==> flow/design.v <==
module gen_diff_unit (clk, reset, i_x, i_y, o_q, o_diff);
    parameter XLEN = 4;
    input clk;
    input reset;
    input [XLEN-1:0] i_x;
    input [XLEN-1:0] i_y;
    output [XLEN:0] o_q;
    output [XLEN:0] o_diff;
    reg [XLEN-1:0] x_reg;
    reg [XLEN-1:0] y_reg;
    always @(posedge clk) begin
        if (reset) begin
            x_reg <= 0;
            y_reg <= 0;
        end else begin
            x_reg <= i_x;
            y_reg <= i_y;
        end
    end
    assign o_q = x_reg + y_reg;
    assign o_diff = x_reg - y_reg;
endmodule
# Tool chain data of gen_diff_unit
# Module gen_diff_unit in several versions that differ in "XLEN"; each step lists the members.
# The file above is the member XLEN=4. Line numbers count from 1 in each member's own file.
# A cell with - has no value.
dict set report design {
  top {gen_diff_unit}
  clock {clk}
  library {sky130hd}
  lib_corner {tt_025C_1v80}
}

# Members of the sweep
# New or changed lines of each further member against the RTL above, in its own file; lines it lacks are not shown.
# XLEN line
set changed_lines {}
lappend changed_lines {20 2} ;# parameter XLEN = 20;
lappend changed_lines {40 2} ;# parameter XLEN = 40;
lappend changed_lines {56 2} ;# parameter XLEN = 56;
lappend changed_lines {112 2} ;# parameter XLEN = 112;

# Elaborated design
# Counts by Yosys on the flattened word-level netlist (proc, flatten, opt, wreduce; memories kept). Register bits leave out memories and registers merged into their read ports (data or address); mux counts leave out enables and synchronous resets folded into registers. Print and check cells are left out. Cells with the same type and inputs are merged into one.
# XLEN latchBits clocked_rd_ports_x_width elab_cells ram_bits input_bits romBits regBits n_memories
set bits {}
lappend bits {4 0 0 4 0 10 0 8 0}
lappend bits {20 0 0 4 0 42 0 40 0}
lappend bits {40 0 0 4 0 82 0 80 0}
lappend bits {56 0 0 4 0 114 0 112 0}
lappend bits {112 0 0 4 0 226 0 224 0}
# XLEN n_mux shifts div logic reduce_logical eq_ne compare n_addsub multipliers
set classes {}
lappend classes {4 0 0 0 0 0 0 0 2 0}
lappend classes {20 0 0 0 0 0 0 0 2 0}
lappend classes {40 0 0 0 0 0 0 0 2 0}
lappend classes {56 0 0 0 0 0 0 0 2 0}
lappend classes {112 0 0 0 0 0 0 0 2 0}
# XLEN operators
set op_table {}
lappend op_table {4 {1 x adder 4 x 4 -> 5 bit; 1 x subtractor 4 x 4 -> 5 bit}}
lappend op_table {20 {1 x adder 20 x 20 -> 21 bit; 1 x subtractor 20 x 20 -> 21 bit}}
lappend op_table {40 {1 x adder 40 x 40 -> 41 bit; 1 x subtractor 40 x 40 -> 41 bit}}
lappend op_table {56 {1 x adder 56 x 56 -> 57 bit; 1 x subtractor 56 x 56 -> 57 bit}}
lappend op_table {112 {1 x adder 112 x 112 -> 113 bit; 1 x subtractor 112 x 112 -> 113 bit}}

# Depth
# Longest topological path by Yosys (ltp), each cell counted once; first at word level (registers and memories cut), then after technology mapping (sequential cells cut; the memories' decode and read muxes count).
# XLEN depth_word abc_area depth_mapped depth_no_buf
set logic_depth {}
lappend logic_depth {4 1 0 6 5}
lappend logic_depth {20 1 0 9 9}
lappend logic_depth {40 1 0 12 12}
lappend logic_depth {56 1 0 13 13}
lappend logic_depth {112 1 0 15 14}

# Netlist
# Source: synth_stat.txt of the flow (Yosys; design flattened, memories mapped). It holds for the ABC_AREA given above (unset counts as 0); a run with the other value may have another netlist.
# XLEN ffs seq_area_um2 yosys_area_um2 stdcells
set mapped {}
lappend mapped {4 8 160.2 494.2 49}
lappend mapped {20 40 800.8 3367.0 417}
lappend mapped {40 80 1601.5 6750.2 850}
lappend mapped {56 112 2242.2 9788.1 1255}
lappend mapped {112 224 4484.3 20928.8 2851}
# XLEN type_list
set by_type {}
lappend by_type {4 {8 x sky130_fd_sc_hd__dfxtp_1; 8 x sky130_fd_sc_hd__ha_1; 8 x sky130_fd_sc_hd__nor2b_1; 2 x sky130_fd_sc_hd__fa_1; 7 x sky130_fd_sc_hd__inv_1; 2 x sky130_fd_sc_hd__xnor2_1; 2 x sky130_fd_sc_hd__xor2_1; 3 x sky130_fd_sc_hd__a21oi_1; 1 x sky130_fd_sc_hd__a221oi_2; 2 x sky130_fd_sc_hd__o21bai_1; 1 x sky130_fd_sc_hd__buf_6; 1 x sky130_fd_sc_hd__buf_4; 1 x sky130_fd_sc_hd__inv_4; 1 x sky130_fd_sc_hd__o21ai_1; 1 x sky130_fd_sc_hd__nand2_1; 1 x sky130_fd_sc_hd__nor2_1}}
lappend by_type {20 {40 x sky130_fd_sc_hd__dfxtp_1; 40 x sky130_fd_sc_hd__ha_1; 47 x sky130_fd_sc_hd__nor2b_1; 30 x sky130_fd_sc_hd__xnor2_1; 33 x sky130_fd_sc_hd__a21oi_1; 42 x sky130_fd_sc_hd__inv_1; 36 x sky130_fd_sc_hd__nor2_1; 17 x sky130_fd_sc_hd__nand2_1; 12 x sky130_fd_sc_hd__nor3_1; 7 x sky130_fd_sc_hd__a21o_1; 10 x sky130_fd_sc_hd__o21ai_0; 9 x sky130_fd_sc_hd__buf_2; 6 x sky130_fd_sc_hd__o31ai_1; 2 x sky130_fd_sc_hd__fa_1; 3 x sky130_fd_sc_hd__a211oi_2; 6 x sky130_fd_sc_hd__nand2b_1; 5 x sky130_fd_sc_hd__o21bai_1; 6 x sky130_fd_sc_hd__o21ai_1; (+66)}}
lappend by_type {40 {80 x sky130_fd_sc_hd__dfxtp_1; 80 x sky130_fd_sc_hd__ha_1; 65 x sky130_fd_sc_hd__xnor2_1; 88 x sky130_fd_sc_hd__nor2b_1; 84 x sky130_fd_sc_hd__a21oi_1; 79 x sky130_fd_sc_hd__inv_1; 70 x sky130_fd_sc_hd__nor2_1; 30 x sky130_fd_sc_hd__o21ai_0; 19 x sky130_fd_sc_hd__o21bai_1; 17 x sky130_fd_sc_hd__a21o_1; 26 x sky130_fd_sc_hd__clkbuf_1; 14 x sky130_fd_sc_hd__nand4_1; 19 x sky130_fd_sc_hd__nand2_1; 9 x sky130_fd_sc_hd__o211ai_1; 9 x sky130_fd_sc_hd__o31ai_1; 12 x sky130_fd_sc_hd__nand3_1; 12 x sky130_fd_sc_hd__nor3_1; 9 x sky130_fd_sc_hd__nor4_1; (+128)}}
lappend by_type {56 {112 x sky130_fd_sc_hd__dfxtp_1; 112 x sky130_fd_sc_hd__ha_1; 98 x sky130_fd_sc_hd__xnor2_1; 124 x sky130_fd_sc_hd__nor2b_1; 141 x sky130_fd_sc_hd__a21oi_1; 108 x sky130_fd_sc_hd__inv_1; 87 x sky130_fd_sc_hd__nor2_1; 38 x sky130_fd_sc_hd__o21bai_1; 52 x sky130_fd_sc_hd__nand2_1; 38 x sky130_fd_sc_hd__o21ai_0; 24 x sky130_fd_sc_hd__a21o_1; 28 x sky130_fd_sc_hd__nor3_1; 37 x sky130_fd_sc_hd__clkbuf_1; 18 x sky130_fd_sc_hd__o31ai_1; 14 x sky130_fd_sc_hd__a31oi_1; 14 x sky130_fd_sc_hd__nand4_1; 10 x sky130_fd_sc_hd__o31a_1; 17 x sky130_fd_sc_hd__buf_2; (+183)}}
lappend by_type {112 {224 x sky130_fd_sc_hd__dfxtp_1; 224 x sky130_fd_sc_hd__ha_1; 210 x sky130_fd_sc_hd__xnor2_1; 260 x sky130_fd_sc_hd__nor2b_1; 315 x sky130_fd_sc_hd__a21oi_1; 240 x sky130_fd_sc_hd__inv_1; 223 x sky130_fd_sc_hd__nor2_1; 126 x sky130_fd_sc_hd__o21ai_0; 159 x sky130_fd_sc_hd__nand2_1; 77 x sky130_fd_sc_hd__o21bai_1; 79 x sky130_fd_sc_hd__nand4_1; 59 x sky130_fd_sc_hd__o31ai_1; 70 x sky130_fd_sc_hd__nor4_1; 110 x sky130_fd_sc_hd__clkbuf_1; 38 x sky130_fd_sc_hd__a21o_1; 50 x sky130_fd_sc_hd__nor3_1; 45 x sky130_fd_sc_hd__nand3_1; 27 x sky130_fd_sc_hd__a31oi_1; (+315)}}
# The mark (+n) counts cells that are not listed.

# Worst setup path after synthesis
# Source: OpenSTA report_checks on the synthesized netlist (no wires, ideal clock, input and output delay 20% of the period each), path of least setup slack; recovery checks are left aside. Register names are those of the netlist, which keeps one name where synthesis merged equal registers.
# XLEN kind from to stages slack_ps path_delay_ps period_ps synth_period_reached_ps
set synth_timing {}
lappend synth_timing {4 {register -> output} {register y_reg[2]} {output o_q[3]} 7 315 1261 1970 1655}
lappend synth_timing {20 {register -> output} {register x_reg[0]} {output o_q[18]} 9 523 2085 3260 2737}
lappend synth_timing {40 {register -> output} {register x_reg[0]} {output o_diff[36]} 13 693 2787 4350 3657}
lappend synth_timing {56 {register -> output} {register x_reg[0]} {output o_q[50]} 13 710 2834 4430 3720}
lappend synth_timing {112 {register -> output} {register y_reg[8]} {output o_q[109]} 15 903 3609 5640 4737}
# "path_delay_ps" = arrival - input delay + setup time.
# At an output port there is no setup time.
# "stages" counts driving pins, that of a launching flip-flop among them; a cell with two outputs on the path counts twice.
# "synth_period_reached_ps" is the clock period less the worst setup slack; recovery checks do not enter. This is arithmetic on one report: input and output delays are still those of the set period (20% each).
# The rows between start and end are the longest chain of elaborated cells between them; the timing report does not say that the signal goes this way. Where chains are equally long, one stands for them.
# Each line given opens the expression or statement behind the cell; cells for indexed reads and writes are added by Yosys, which also makes memories of some case tables.
dict set report synth_between_XLEN_4 {
  elab_chain_len 1
}
# item line
set synth_rtl_XLEN_4 {}
lappend synth_rtl_XLEN_4 {{from (decl)} 10} ;# reg [XLEN-1:0] y_reg;
lappend synth_rtl_XLEN_4 {{from (assign)} 14} ;# y_reg <= 0;
lappend synth_rtl_XLEN_4 {{from (assign)} 17} ;# y_reg <= i_y;
lappend synth_rtl_XLEN_4 {{adder 4 x 4 -> 5 bit} 20} ;# assign o_q = x_reg + y_reg;
lappend synth_rtl_XLEN_4 {{to (decl)} 7} ;# output [XLEN:0] o_q;
dict set report synth_between_XLEN_112 {
  elab_chain_len 1
}
# item line
set synth_rtl_XLEN_112 {}
lappend synth_rtl_XLEN_112 {{from (decl)} 10} ;# reg [XLEN-1:0] y_reg;
lappend synth_rtl_XLEN_112 {{from (assign)} 14} ;# y_reg <= 0;
lappend synth_rtl_XLEN_112 {{from (assign)} 17} ;# y_reg <= i_y;
lappend synth_rtl_XLEN_112 {{adder 112 x 112 -> 113 bit} 20} ;# assign o_q = x_reg + y_reg;
lappend synth_rtl_XLEN_112 {{to (decl)} 7} ;# output [XLEN:0] o_q;

# Path in the finished layout
# From the final timing report of each member's run: the path of least setup slack in the routed layout; clock arrival at registers is part of the times.
# The path's times are printed in steps of 10 ps; the period is the one set.
# XLEN kind from to slack_ps arrival_ps period_ps stages
set layout_timing {}
lappend layout_timing {4 {register -> output} {register y_reg[2]} {output o_diff[3]} 80 1500 1970 8}
lappend layout_timing {20 {register -> output} {register x_reg[0]} {output o_diff[20]} 90 2510 3260 12}
lappend layout_timing {40 {register -> output} {register x_reg[0]} {output o_q[34]} 170 3310 4350 14}
lappend layout_timing {56 {register -> output} {register x_reg[0]} {output o_diff[54]} 0 3540 4430 15}
lappend layout_timing {112 {register -> output} {register y_reg[3]} {output o_q[107]} -20 4530 5640 19}

# Measured runs
# Settings and results of one run of the flow (Yosys, OpenROAD) for each member follow. The constraints put input and output delay at 20% of the set period each and load the outputs with 0.01 pF.
dict set report settings {
  CAP_MARGIN 20
  CORE_MARGIN 2
  CORE_UTILIZATION 40
  SLEW_MARGIN 20
}
# XLEN period_ns
set settings_by_member {}
lappend settings_by_member {4 1.97}
lappend settings_by_member {20 3.26}
lappend settings_by_member {40 4.35}
lappend settings_by_member {56 4.43}
lappend settings_by_member {112 5.64}
# XLEN final_util_pct final_cell_area_um2 fin_tns_ps achieved_period_ps synthArea_um2 design.die.area_um2 final_hold_ws_ps total_power_mw ws_setup_ps
set measured {}
lappend measured {4 66.3 747.0 0 1893 494.2 1532.7 700 0.4395 77}
lappend measured {20 60.4 4939.7 0 3167 3367.0 9167.1 886 1.786 93}
lappend measured {40 58.2 9611.7 0 4181 6750.2 17930.5 1010 2.769 169}
lappend measured {56 61.2 14802.9 0 4429 9788.1 25737.8 1048 4.045 1}
lappend measured {112 57.8 29758.5 -19 5656 20928.8 54167.9 969 6.867 -16}
# "achieved_period_ps" = clock period - worst setup slack. The figure is calculated, with input and output delays left at 20% of the set period.
# "total_power_mw" is the tool's figure for a default switching activity; nothing was simulated.
